==> flow/design.v <==
module core_muxn #(
  parameter DATA_WIDTH = 2
) (
  input  ck,
  input  resetn,
  input  step,
  input  [DATA_WIDTH-1:0] val_0,
  input  [DATA_WIDTH-1:0] val_1,
  input  [DATA_WIDTH-1:0] val_2,
  input  [DATA_WIDTH-1:0] val_3,
  input  [DATA_WIDTH-1:0] val_4,
  input  [DATA_WIDTH-1:0] val_5,
  input  [DATA_WIDTH-1:0] val_6,
  input  [DATA_WIDTH-1:0] val_7,
  input  [DATA_WIDTH-1:0] val_8,
  input  [DATA_WIDTH-1:0] val_9,
  input  [DATA_WIDTH-1:0] val_10,
  input  [DATA_WIDTH-1:0] val_11,
  input  [DATA_WIDTH-1:0] val_12,
  input  [DATA_WIDTH-1:0] val_13,
  input  [DATA_WIDTH-1:0] val_14,
  input  [DATA_WIDTH-1:0] val_15,
  input  [3:0] select,
  output reg [DATA_WIDTH-1:0] q
);
  reg [DATA_WIDTH-1:0] r_val_0;
  reg [DATA_WIDTH-1:0] r_val_1;
  reg [DATA_WIDTH-1:0] r_val_2;
  reg [DATA_WIDTH-1:0] r_val_3;
  reg [DATA_WIDTH-1:0] r_val_4;
  reg [DATA_WIDTH-1:0] r_val_5;
  reg [DATA_WIDTH-1:0] r_val_6;
  reg [DATA_WIDTH-1:0] r_val_7;
  reg [DATA_WIDTH-1:0] r_val_8;
  reg [DATA_WIDTH-1:0] r_val_9;
  reg [DATA_WIDTH-1:0] r_val_10;
  reg [DATA_WIDTH-1:0] r_val_11;
  reg [DATA_WIDTH-1:0] r_val_12;
  reg [DATA_WIDTH-1:0] r_val_13;
  reg [DATA_WIDTH-1:0] r_val_14;
  reg [DATA_WIDTH-1:0] r_val_15;
  reg [3:0] r_select;
  always @(posedge ck) begin
    if (!resetn) begin
      r_val_0 <= 0;
      r_val_1 <= 0;
      r_val_2 <= 0;
      r_val_3 <= 0;
      r_val_4 <= 0;
      r_val_5 <= 0;
      r_val_6 <= 0;
      r_val_7 <= 0;
      r_val_8 <= 0;
      r_val_9 <= 0;
      r_val_10 <= 0;
      r_val_11 <= 0;
      r_val_12 <= 0;
      r_val_13 <= 0;
      r_val_14 <= 0;
      r_val_15 <= 0;
      r_select <= 0;
    end else if (step) begin
      r_val_0 <= val_0;
      r_val_1 <= val_1;
      r_val_2 <= val_2;
      r_val_3 <= val_3;
      r_val_4 <= val_4;
      r_val_5 <= val_5;
      r_val_6 <= val_6;
      r_val_7 <= val_7;
      r_val_8 <= val_8;
      r_val_9 <= val_9;
      r_val_10 <= val_10;
      r_val_11 <= val_11;
      r_val_12 <= val_12;
      r_val_13 <= val_13;
      r_val_14 <= val_14;
      r_val_15 <= val_15;
      r_select <= select;
    end
  end
  reg [DATA_WIDTH-1:0] work;
  always @(*) begin
    if (r_select == 0) work = r_val_0;
    else if (r_select == 1) work = r_val_1;
    else if (r_select == 2) work = r_val_2;
    else if (r_select == 3) work = r_val_3;
    else if (r_select == 4) work = r_val_4;
    else if (r_select == 5) work = r_val_5;
    else if (r_select == 6) work = r_val_6;
    else if (r_select == 7) work = r_val_7;
    else if (r_select == 8) work = r_val_8;
    else if (r_select == 9) work = r_val_9;
    else if (r_select == 10) work = r_val_10;
    else if (r_select == 11) work = r_val_11;
    else if (r_select == 12) work = r_val_12;
    else if (r_select == 13) work = r_val_13;
    else if (r_select == 14) work = r_val_14;
    else work = r_val_15;
  end
  always @(posedge ck) begin
    if (!resetn) begin
      q <= 0;
    end else if (step) begin
      q <= work;
    end
  end
endmodule
# ---- Tool chain data of core_muxn
# Tool output for the design above, in the order of the flow.
# Line numbers count from 1 in the design file above.
# Operators carry their Yosys type and port widths (W data, S select, Z words).
# The mark - stands for no value.
dict set report setup {
  top_module {core_muxn}
  clock_port {ck}
  cell_library {sky130hd}
  corner {tt_025C_1v80}
}

# ---- Elaborated design
# Source: Yosys, flattened and elaborated, memories not mapped. Widths are those after wreduce; folded enables and synchronous resets count as part of the registers. Registers that Yosys merges into a memory's read port (data or address) are not register bits. Print and check cells do not count. Equal cells are merged and count once.
dict set report bits {
  ff_bits 38
  in_bits 39
  output_inout_bits 2
  word_cells 48
}
dict set report op_classes {
  n_eq 14
  n_mux 15
  n_reduce_logical 1
}
# op n
set op_table {}
lappend op_table {{$mux W2} 15}
lappend op_table {{$eq A4 B4 Y1 const B} 7}
lappend op_table {{$eq A4 B3 Y1 const B} 4}
lappend op_table {{$eq A4 B2 Y1 const B} 2}
lappend op_table {{$eq A4 B1 Y1 const B} 1}
lappend op_table {{$logic_not A4 Y1} 1}

# ---- Logic depth
# Yosys ltp: most cells in a row. Word level: on the elaborated netlist, between registers, memories and ports. Mapped: between sequential cells and ports; inverters and the memories' decode and read muxes count.
dict set report depth {
  depth_word 16
  abc_area 1
  depth_mapped 22
  ltp_nobuf 22
}

# ---- Netlist
# Yosys stat after the flow's synthesis: flattened, memories mapped to cells. It holds for the ABC_AREA given above (unset counts as 0); a run with the other value may have another netlist.
# Totals and module areas in this step are rounded.
dict set report mapped {
  cells 281
  yosys_area_um2 1800
  seq_area_um2 760
  flip_flops 38
  n_buf 12
}
# cell_type n area_total_um2
set by_type {}
lappend by_type {sky130_fd_sc_hd__dfxtp_1 38 760.73}
lappend by_type {sky130_fd_sc_hd__nor2_1 68 255.245}
lappend by_type {sky130_fd_sc_hd__o21ai_0 44 220.211}
lappend by_type {sky130_fd_sc_hd__inv_1 39 146.39}
lappend by_type {sky130_fd_sc_hd__nand2_1 39 146.39}
lappend by_type {sky130_fd_sc_hd__a21oi_1 20 100.096}
lappend by_type {sky130_fd_sc_hd__clkbuf_1 11 41.29}
lappend by_type {sky130_fd_sc_hd__nand3_1 6 30.029}
lappend by_type {sky130_fd_sc_hd__o21ai_1 4 20.019}
lappend by_type {sky130_fd_sc_hd__inv_2 3 11.261}
lappend by_type {sky130_fd_sc_hd__nor2_4 1 11.261}
lappend by_type {sky130_fd_sc_hd__mux2i_1 1 10.01}
lappend by_type {sky130_fd_sc_hd__a21oi_2 1 8.758}
lappend by_type {sky130_fd_sc_hd__o31ai_1 1 7.507}
lappend by_type {sky130_fd_sc_hd__nand2_2 1 6.256}
lappend by_type {sky130_fd_sc_hd__nor2_2 1 6.256}
lappend by_type {sky130_fd_sc_hd__or2_2 1 6.256}
lappend by_type {sky130_fd_sc_hd__buf_1 1 3.754}
lappend by_type {sky130_fd_sc_hd__clkinv_1 1 3.754}

# ---- Worst setup path after synthesis
# Source: OpenSTA report_checks on the synthesized netlist (no wires, ideal clock, input and output delay 20% of the period each), path of least setup slack; recovery checks are left aside. Register names are those of the netlist, which keeps one name where synthesis merged equal registers.
dict set report synth_timing {
  path_type {reg-to-reg}
  from {register r_select[1]}
  to {register q[1]}
  tclk_ns 1.73
  arrival_ns 1.574
  t_required_ns 1.616
  setup_slack_ns 0.043
  delay_ns 1.688
  stages 22
  n_path_buf 0
  synth_period_reached_ns 1.687
}
# "delay_ns" is the arrival time less input delay plus setup time.
# "stages" counts driving pins, that of a launching flip-flop among them; a cell with two outputs on the path counts twice.
# "synth_period_reached_ns" = period - worst setup slack (recovery checks aside). The figure is calculated, with input and output delays left at 20% of the set period.
# The rows between start and end are the longest chain of elaborated cells between them; the timing report does not say that the signal goes this way. Where chains are equally long, one stands for them.
# Each line given opens the expression or statement behind the cell; cells for indexed reads and writes are added by Yosys, which also makes memories of some case tables.
dict set report synth_via {
  cell_sequence {sky130_fd_sc_hd__dfxtp_1 -> sky130_fd_sc_hd__inv_2 -> sky130_fd_sc_hd__nor2_4 -> sky130_fd_sc_hd__inv_2 -> sky130_fd_sc_hd__nor2_1 -> sky130_fd_sc_hd__inv_1 -> sky130_fd_sc_hd__o21ai_1 -> sky130_fd_sc_hd__inv_1 -> sky130_fd_sc_hd__nand2_1 -> sky130_fd_sc_hd__nand2_1 -> sky130_fd_sc_hd__nand2_1 -> sky130_fd_sc_hd__nand2_1 -> sky130_fd_sc_hd__nand2_1 -> sky130_fd_sc_hd__nand2_1 -> sky130_fd_sc_hd__nand3_1 -> sky130_fd_sc_hd__nand2_1 -> sky130_fd_sc_hd__nand2_1 -> sky130_fd_sc_hd__nand3_1 -> sky130_fd_sc_hd__nand2_1 -> sky130_fd_sc_hd__nand2_1 -> sky130_fd_sc_hd__nand2_1 -> sky130_fd_sc_hd__a21oi_2}
  elab_chain_len 16
  cone_cells 30
  lines_between 15
  classes_between {14 x eq/ne; 15 x mux; 1 x reduce/logical}
}
# element line_no
set synth_rtl {}
lappend synth_rtl {{from (decl)} 42} ;# reg [3:0] r_select;
lappend synth_rtl {{from (assign)} 61} ;# r_select <= 0;
lappend synth_rtl {{from (assign)} 79} ;# r_select <= select;
lappend synth_rtl {{$eq A4 B4 Y1} 98} ;# else if (r_select == 14) work = r_val_14;
lappend synth_rtl {{$mux W2} 98}
lappend synth_rtl {{$mux W2} 97} ;# else if (r_select == 13) work = r_val_13;
lappend synth_rtl {{$mux W2} 96} ;# else if (r_select == 12) work = r_val_12;
lappend synth_rtl {{$mux W2} 95} ;# else if (r_select == 11) work = r_val_11;
lappend synth_rtl {{$mux W2} 94} ;# else if (r_select == 10) work = r_val_10;
lappend synth_rtl {{$mux W2} 93} ;# else if (r_select == 9) work = r_val_9;
lappend synth_rtl {{(+2 left out)} -}
lappend synth_rtl {{$mux W2} 90} ;# else if (r_select == 6) work = r_val_6;
lappend synth_rtl {{$mux W2} 89} ;# else if (r_select == 5) work = r_val_5;
lappend synth_rtl {{$mux W2} 88} ;# else if (r_select == 4) work = r_val_4;
lappend synth_rtl {{$mux W2} 87} ;# else if (r_select == 3) work = r_val_3;
lappend synth_rtl {{$mux W2} 86} ;# else if (r_select == 2) work = r_val_2;
lappend synth_rtl {{$mux W2} 85} ;# else if (r_select == 1) work = r_val_1;
lappend synth_rtl {{$mux W2} 84} ;# if (r_select == 0) work = r_val_0;
lappend synth_rtl {{to (assign)} 103} ;# q <= 0;
lappend synth_rtl {{to (assign)} 105} ;# q <= work;
lappend synth_rtl {{to (decl)} 24} ;# output reg [DATA_WIDTH-1:0] q

# ---- Timing after layout
# Path of least setup slack in the final report of run B (OpenROAD, finished layout, wires in). Where an end is a register, its clock arrival counts in the times.
dict set report layout_timing {
  path_type {reg-to-reg}
  from {register r_select[1]}
  to {register q[1]}
  tclk_ns 2.45
  arrival_ns 2.20
  t_required_ns 2.64
  setup_slack_ns 0.44
  stages 22
  n_path_buf 0
}
# The rows between start and end are the longest chain of elaborated cells between them; the timing report does not say that the signal goes this way. Where chains are equally long, one stands for them.
dict set report layout_via {
  cell_sequence {sky130_fd_sc_hd__dfxtp_1 -> sky130_fd_sc_hd__inv_2 -> sky130_fd_sc_hd__nor2_4 -> sky130_fd_sc_hd__inv_2 -> sky130_fd_sc_hd__nor2_1 -> sky130_fd_sc_hd__inv_1 -> sky130_fd_sc_hd__o21ai_1 -> sky130_fd_sc_hd__inv_1 -> sky130_fd_sc_hd__nand2_1 -> sky130_fd_sc_hd__nand2_1 -> sky130_fd_sc_hd__nand2_1 -> sky130_fd_sc_hd__nand2_1 -> sky130_fd_sc_hd__nand2_1 -> sky130_fd_sc_hd__nand2_1 -> sky130_fd_sc_hd__nand3_1 -> sky130_fd_sc_hd__nand2_1 -> sky130_fd_sc_hd__nand2_1 -> sky130_fd_sc_hd__nand3_1 -> sky130_fd_sc_hd__nand2_1 -> sky130_fd_sc_hd__nand2_1 -> sky130_fd_sc_hd__nand2_1 -> sky130_fd_sc_hd__a21oi_2}
  elab_chain_len 16
  cone_cells 30
  lines_between 15
  classes_between {14 x eq/ne; 15 x mux; 1 x reduce/logical}
}
# element line_no
set layout_rtl {}
lappend layout_rtl {{from (decl)} 42} ;# reg [3:0] r_select;
lappend layout_rtl {{from (assign)} 61} ;# r_select <= 0;
lappend layout_rtl {{from (assign)} 79} ;# r_select <= select;
lappend layout_rtl {{$eq A4 B4 Y1} 98} ;# else if (r_select == 14) work = r_val_14;
lappend layout_rtl {{$mux W2} 98}
lappend layout_rtl {{$mux W2} 97} ;# else if (r_select == 13) work = r_val_13;
lappend layout_rtl {{$mux W2} 96} ;# else if (r_select == 12) work = r_val_12;
lappend layout_rtl {{$mux W2} 95} ;# else if (r_select == 11) work = r_val_11;
lappend layout_rtl {{$mux W2} 94} ;# else if (r_select == 10) work = r_val_10;
lappend layout_rtl {{$mux W2} 93} ;# else if (r_select == 9) work = r_val_9;
lappend layout_rtl {{(+2 left out)} -}
lappend layout_rtl {{$mux W2} 90} ;# else if (r_select == 6) work = r_val_6;
lappend layout_rtl {{$mux W2} 89} ;# else if (r_select == 5) work = r_val_5;
lappend layout_rtl {{$mux W2} 88} ;# else if (r_select == 4) work = r_val_4;
lappend layout_rtl {{$mux W2} 87} ;# else if (r_select == 3) work = r_val_3;
lappend layout_rtl {{$mux W2} 86} ;# else if (r_select == 2) work = r_val_2;
lappend layout_rtl {{$mux W2} 85} ;# else if (r_select == 1) work = r_val_1;
lappend layout_rtl {{$mux W2} 84} ;# if (r_select == 0) work = r_val_0;
lappend layout_rtl {{to (assign)} 103} ;# q <= 0;
lappend layout_rtl {{to (assign)} 105} ;# q <= work;
lappend layout_rtl {{to (decl)} 24} ;# output reg [DATA_WIDTH-1:0] q

Appendix: measured runs

Flow measurements of core_muxn on sky130hd: 3 stored runs with different settings, listed in no order. Input and output delays are each 20% of the period that was set; the output load is 0.01 pF.
"timing.worst_path_ns": the worst setup path's part of the clock period (all of it between registers, 20% less for each end at a port) less its slack. A launch clock that arrives late makes it longer, a capture clock that arrives late makes it shorter.
"final_power_w" is the tool's figure for a default switching activity; nothing was simulated.
The measured numbers are rounded.

# run A
==> flow/run.sh <==
#!/bin/bash
# the make line also repeats the synthesis and layout settings of config.mk as NAME=value (left out here)
make -C /OpenROAD-flow-scripts/flow DESIGN_CONFIG=/design/flow/config.mk WORK_HOME=/design/flow/orfs CLKGATE_MAP_FILE= finish
==> flow/config.mk <==
export PLATFORM = sky130hd
export DESIGN_NAME = core_muxn
export DESIGN_NICKNAME = core_muxn
export VERILOG_FILES = /design/flow/design.v
export SDC_FILE = /design/flow/constraint.sdc
export NUM_CORES = 4
export LEC_CHECK = 0
export ABC_AREA = 1
export CAP_MARGIN = 35
export CELL_PAD_IN_SITES_DETAIL_PLACEMENT = 1
export CORE_MARGIN = 2
export CORE_UTILIZATION = 71
export CTS_CLUSTER_SIZE = 85
export GPL_ROUTABILITY_DRIVEN = 0
export GPL_TIMING_DRIVEN = 1
export PLACE_DENSITY = 0.46
export SLEW_MARGIN = 5
export TNS_END_PERCENT = 5
==> flow/constraint.sdc <==
create_clock -name core_clock -period 1.48 [get_ports {ck}]
set_input_delay 0.2960 -clock core_clock [delete_from_list [all_inputs] [get_ports {ck}]]
set_output_delay 0.2960 -clock core_clock [all_outputs]
set_load 0.01 [all_outputs]

==> run A: results <==
outcome="no final report: placement broke off with GPL-0301"

# run B
==> flow/run.sh <==
#!/bin/bash
# the make line also repeats the synthesis and layout settings of config.mk as NAME=value (left out here)
make -C /OpenROAD-flow-scripts/flow DESIGN_CONFIG=/design/flow/config.mk WORK_HOME=/design/flow/orfs CLKGATE_MAP_FILE= finish
==> flow/config.mk <==
export PLATFORM = sky130hd
export DESIGN_NAME = core_muxn
export DESIGN_NICKNAME = core_muxn
export VERILOG_FILES = /design/flow/design.v
export SDC_FILE = /design/flow/constraint.sdc
export NUM_CORES = 4
export LEC_CHECK = 0
export ABC_AREA = 1
export CAP_MARGIN = 35
export CELL_PAD_IN_SITES_DETAIL_PLACEMENT = 2
export CELL_PAD_IN_SITES_GLOBAL_PLACEMENT = 0
export CORE_MARGIN = 2
export CORE_UTILIZATION = 23
export CTS_CLUSTER_DIAMETER = 46
export GPL_ROUTABILITY_DRIVEN = 1
export MAX_ROUTING_LAYER = met4
export MIN_ROUTING_LAYER = met2
export PLACE_DENSITY = 0.37
export SETUP_SLACK_MARGIN = -0.07
export SLEW_MARGIN = 20
export TNS_END_PERCENT = 70
==> flow/constraint.sdc <==
create_clock -name core_clock -period 2.45 [get_ports {ck}]
set_input_delay 0.4900 -clock core_clock [delete_from_list [all_inputs] [get_ports {ck}]]
set_output_delay 0.4900 -clock core_clock [all_outputs]
set_load 0.01 [all_outputs]

==> run B: results <==
final_power_w=0.0016
worst_setup_slack_ns=0.44
synthesis_area_um2=1800
setupTns_ns=0.000
final_cell_area_um2=2500
timing.worst_path_ns=2.01
timing.worst_path_kind="reg-to-reg"
dieArea_um2=8500

# run C
==> flow/run.sh <==
#!/bin/bash
# the make line also repeats the synthesis and layout settings of config.mk as NAME=value (left out here)
make -C /OpenROAD-flow-scripts/flow DESIGN_CONFIG=/design/flow/config.mk WORK_HOME=/design/flow/orfs CLKGATE_MAP_FILE= finish
==> flow/config.mk <==
export PLATFORM = sky130hd
export DESIGN_NAME = core_muxn
export DESIGN_NICKNAME = core_muxn
export VERILOG_FILES = /design/flow/design.v
export SDC_FILE = /design/flow/constraint.sdc
export NUM_CORES = 4
export LEC_CHECK = 0
export CAP_MARGIN = 20
export CORE_MARGIN = 2
export CORE_UTILIZATION = 40
export SLEW_MARGIN = 20
==> flow/constraint.sdc <==
create_clock -name core_clock -period 1.73 [get_ports {ck}]
set_input_delay 0.3460 -clock core_clock [delete_from_list [all_inputs] [get_ports {ck}]]
set_output_delay 0.3460 -clock core_clock [all_outputs]
set_load 0.01 [all_outputs]

==> run C: results <==
timing.worst_path_ns=1.60
timing.worst_path_kind="reg-to-reg"
dieArea_um2=5300
setupTns_ns=0.000
worst_setup_slack_ns=0.13
synthesis_area_um2=1900
final_power_w=0.0019
final_cell_area_um2=2400
